==> flow/design.v <==
module sync_plus_n #(
    parameter int WD = 12,
    parameter int NIN = 24,
    parameter int SUM_W = WD + $clog2(NIN)
) (
    input  logic CLK,
    input  logic [NIN*WD-1:0] bus,
    output logic [SUM_W-1:0] q
);
    wire [SUM_W-1:0] lvl [1:2*NIN-1];
    generate
        for (genvar i = 0; i < NIN; i++) begin : u_g
            assign lvl[NIN+i] = bus[i*WD +: WD];
        end
        for (genvar i = 1; i < NIN; i++) begin : blk
            assign lvl[i] = lvl[2*i] + lvl[2*i+1];
        end
    endgenerate
    always_ff @(posedge CLK)
        q <= lvl[1];
endmodule
; Tool chain data of sync_plus_n
; A sweep over "WD": the same steps for each member of the family.
; The file above is the member WD = 12. Line numbers count from 1 in each member's own file.
; Operators: Yosys type, input widths -> output width; for muxes data width and select width s.
; Cell names lack the library's common part.
; The mark n/a stands for no value.
[setup]
top_module = sync_plus_n
clock_port = CLK
lib = sky130hd
lib_corner = tt_025C_1v80

; Members of the sweep
; New or changed lines of each further member against the RTL above, in its own file; lines it lacks are not shown.
[src_changes]
columns = WD, line
row1 = 16, 2  ; parameter int WD = 16,
row2 = 18, 2  ; parameter int WD = 18,
row3 = 20, 2  ; parameter int WD = 20,

; Word level
; Counts by Yosys on the flattened word-level netlist (proc, flatten, opt, wreduce; memories kept). Register bits leave out memories and registers merged into their read ports (data or address); mux counts leave out enables and synchronous resets folded into registers. Print and check cells are left out. Cells with the same type and inputs are merged into one.
[classes]
columns = WD, add_sub_neg
row1 = 12, 23
row2 = 16, 23
row3 = 18, 23
row4 = 20, 23
[ops]
columns = WD, op_list
row1 = 12, $add 17x17->17: 11; $add 12x12->13: 12
row2 = 16, $add 21x21->21: 11; $add 16x16->17: 12
row3 = 18, $add 23x23->23: 11; $add 18x18->19: 12
row4 = 20, $add 25x25->25: 11; $add 20x20->21: 12
[word_totals]
columns = WD, ff_bits, out_inout_bits, inputBits, word_cells
row1 = 12, 17, 17, 289, 24
row2 = 16, 21, 21, 385, 24
row3 = 18, 23, 23, 433, 24
row4 = 20, 25, 25, 481, 24

; Longest topological paths
; Yosys ltp: most cells in a row. Word level: on the elaborated netlist, between registers, memories and ports. Mapped: between sequential cells and ports; inverters and the memories' decode and read muxes count.
[depth]
columns = WD, depth_word, ABC_AREA, mapped_depth, depth_no_buf
row1 = 12, 5, 0, 24, 23
row2 = 16, 5, 0, 26, 26
row3 = 18, 5, 0, 28, 27
row4 = 20, 5, 0, 30, 29

; Netlist
; The flow's flattened synthesis, as Yosys stat reports it; memories are mapped. The netlist is that of the ABC_AREA named above (0 if unset); the other value can give another one.
[mapped]
columns = WD, seq_area_um2, flip_flops, n_buf, cell_count, mapped_area_um2
row1 = 12, 340.3, 17, 7, 1217, 10488.8
row2 = 16, 420.4, 21, 4, 1585, 13570.5
row3 = 18, 460.4, 23, 18, 1841, 15516.1
row4 = 20, 500.5, 25, 21, 2033, 17195.2
[by_type]
columns = WD, cell_types
row1 = 12, fa_1: 139; ha_1: 166; xnor2_1: 76; inv_1: 172; a21oi_1: 91; a21o_1: 54; dfxtp_1: 17; xor2_1: 38; o21ai_0: 48; nand2_1: 48; nor2b_1: 28; nor2_1: 45; nand2b_1: 26; nor3_1: 27; nand3_1: 24; a211oi_1: 14; a31oi_1: 16; o21bai_1: 12; (+176)
row2 = 16, fa_1: 179; ha_1: 218; inv_1: 230; xnor2_1: 95; a21oi_1: 129; xor2_1: 62; a21o_1: 61; dfxtp_1: 21; nor2_1: 108; o21ai_0: 72; o21a_1: 30; nand2_1: 58; nor2b_1: 29; nor3_1: 34; nand2b_1: 26; o21bai_1: 17; nand3_1: 23; a211oi_1: 15; (+178)
row3 = 18, fa_1: 199; ha_1: 244; xnor2_1: 138; inv_1: 257; a21oi_1: 168; a21o_1: 80; dfxtp_1: 23; o21ai_0: 92; xor2_1: 49; nor2_1: 93; nand2_1: 88; o21a_1: 28; nor3_1: 41; o21bai_1: 26; nand2b_1: 25; a31oi_1: 24; nand3_1: 30; nand4_1: 23; (+213)
row4 = 20, fa_1: 219; ha_1: 270; xnor2_1: 146; inv_1: 282; a21o_1: 128; a21oi_1: 188; xor2_1: 66; dfxtp_1: 25; nor2_1: 127; o21ai_0: 75; nand2_1: 71; o21bai_1: 34; o21ai_1: 46; o21a_1: 30; a211oi_1: 25; nor2b_1: 28; nand2b_1: 27; nand3_1: 31; (+215)
; The mark (+n) counts cells that are not listed.

; Worst setup path after synthesis
; Path of least setup slack by OpenSTA after synthesis, without wires, with an ideal clock, recovery checks aside; 20% of the period is set as input and as output delay. Where synthesis merged equal registers, the netlist keeps one of their names.
[synth_timing]
columns = WD, kind, startpoint, endpoint, delay_ps, slack_ps, stages, period_ps, synth_period_reached_ps
row1 = 12, input to register, input port bus[72], register q[14], 5497, 1374, 19, 8590, 7216
row2 = 16, input to register, input port bus[224], register q[17], 6094, 1522, 26, 9520, 7998
row3 = 18, input to register, input port bus[72], register q[21], 6010, 1502, 24, 9390, 7888
row4 = 20, input to register, input port bus[200], register q[23], 6048, 1512, 25, 9450, 7938
; "delay_ps" is the arrival time less input delay plus setup time.
; "stages" counts driving pins, that of a launching flip-flop among them; a cell with two outputs on the path counts twice.
; "synth_period_reached_ps" is the clock period less the worst setup slack; recovery checks do not enter. This is arithmetic on one report: input and output delays are still those of the set period (20% each).
; The rows between start and end are the longest chain of elaborated cells between them; the timing report does not say that the signal goes this way. Where chains are equally long, one stands for them.
; A line is the first line of the expression or statement that the cell stems from. Yosys adds cells for indexed reads and writes and turns some case tables into memories.
[synth_between_WD_12]
elab_chain_len = 4
[synth_rtl_WD_12]
columns = element, line
row1 = "start, declared", 7  ; input  logic [NIN*WD-1:0] bus,
row2 = $add 12x12->13, 16  ; assign lvl[i] = lvl[2*i] + lvl[2*i+1];
row3 = $add 17x17->17 x3, 16
row4 = "end, assigned", 20  ; q <= lvl[1];
row5 = "end, declared", 8  ; output logic [SUM_W-1:0] q
[synth_between_WD_20]
elab_chain_len = 5
[synth_rtl_WD_20]
columns = element, line
row1 = "start, declared", 7  ; input  logic [NIN*WD-1:0] bus,
row2 = $add 20x20->21, 16  ; assign lvl[i] = lvl[2*i] + lvl[2*i+1];
row3 = $add 25x25->25 x4, 16
row4 = "end, assigned", 20  ; q <= lvl[1];
row5 = "end, declared", 8  ; output logic [SUM_W-1:0] q

; Path in the finished layout
; Path of least setup slack in the final report of the run of each member (OpenROAD, finished layout, wires in). Where an end is a register, its clock arrival counts in the times.
; The path's times are printed in steps of 10 ps; the period is the one set.
[layout_timing]
columns = WD, kind, startpoint, endpoint, stages, slack_ps, period_ps, arrival_time_ps
row1 = 12, input to register, input port bus[144], register q[13], 23, 810, 8590, 7910
row2 = 16, input to register, input port bus[192], register q[17], 25, 820, 9520, 8850
row3 = 18, input to register, input port bus[72], register q[21], 25, 790, 9390, 8780
row4 = 20, input to register, input port bus[200], register q[18], 25, 630, 9450, 9020

; Layout results
; Settings and results of one run of the flow (Yosys, OpenROAD) for each member follow. The constraints put input and output delay at 20% of the set period each and load the outputs with 0.01 pF.
[flow_settings]
CAP_MARGIN = 20
CORE_MARGIN = 2
CORE_UTILIZATION = 40
SLEW_MARGIN = 20
[settings_by_member]
columns = WD, period_ns
row1 = 12, 8.59
row2 = 16, 9.52
row3 = 18, 9.39
row4 = 20, 9.45
[measured]
columns = WD, yosys.chip_area_um2, achieved_clock_period_ps, dieArea_um2, final_stdcell_area_um2, worst_hold_slack_ps, worst_setup_slack_ps
row1 = 12, 10488.8, 7781, 27532.8, 14017.2, 2715, 809
row2 = 16, 13570.5, 8702, 35415.5, 18278.8, 2858, 818
row3 = 18, 15516.1, 8597, 40380.9, 20792.4, 2838, 793
row4 = 20, 17195.2, 8815, 44662.5, 22970.8, 2822, 635
; "achieved_clock_period_ps" is the run's clock period less its worst setup slack. It is reckoned from that one timing run; input and output delays stay at 20% of the period that was set.
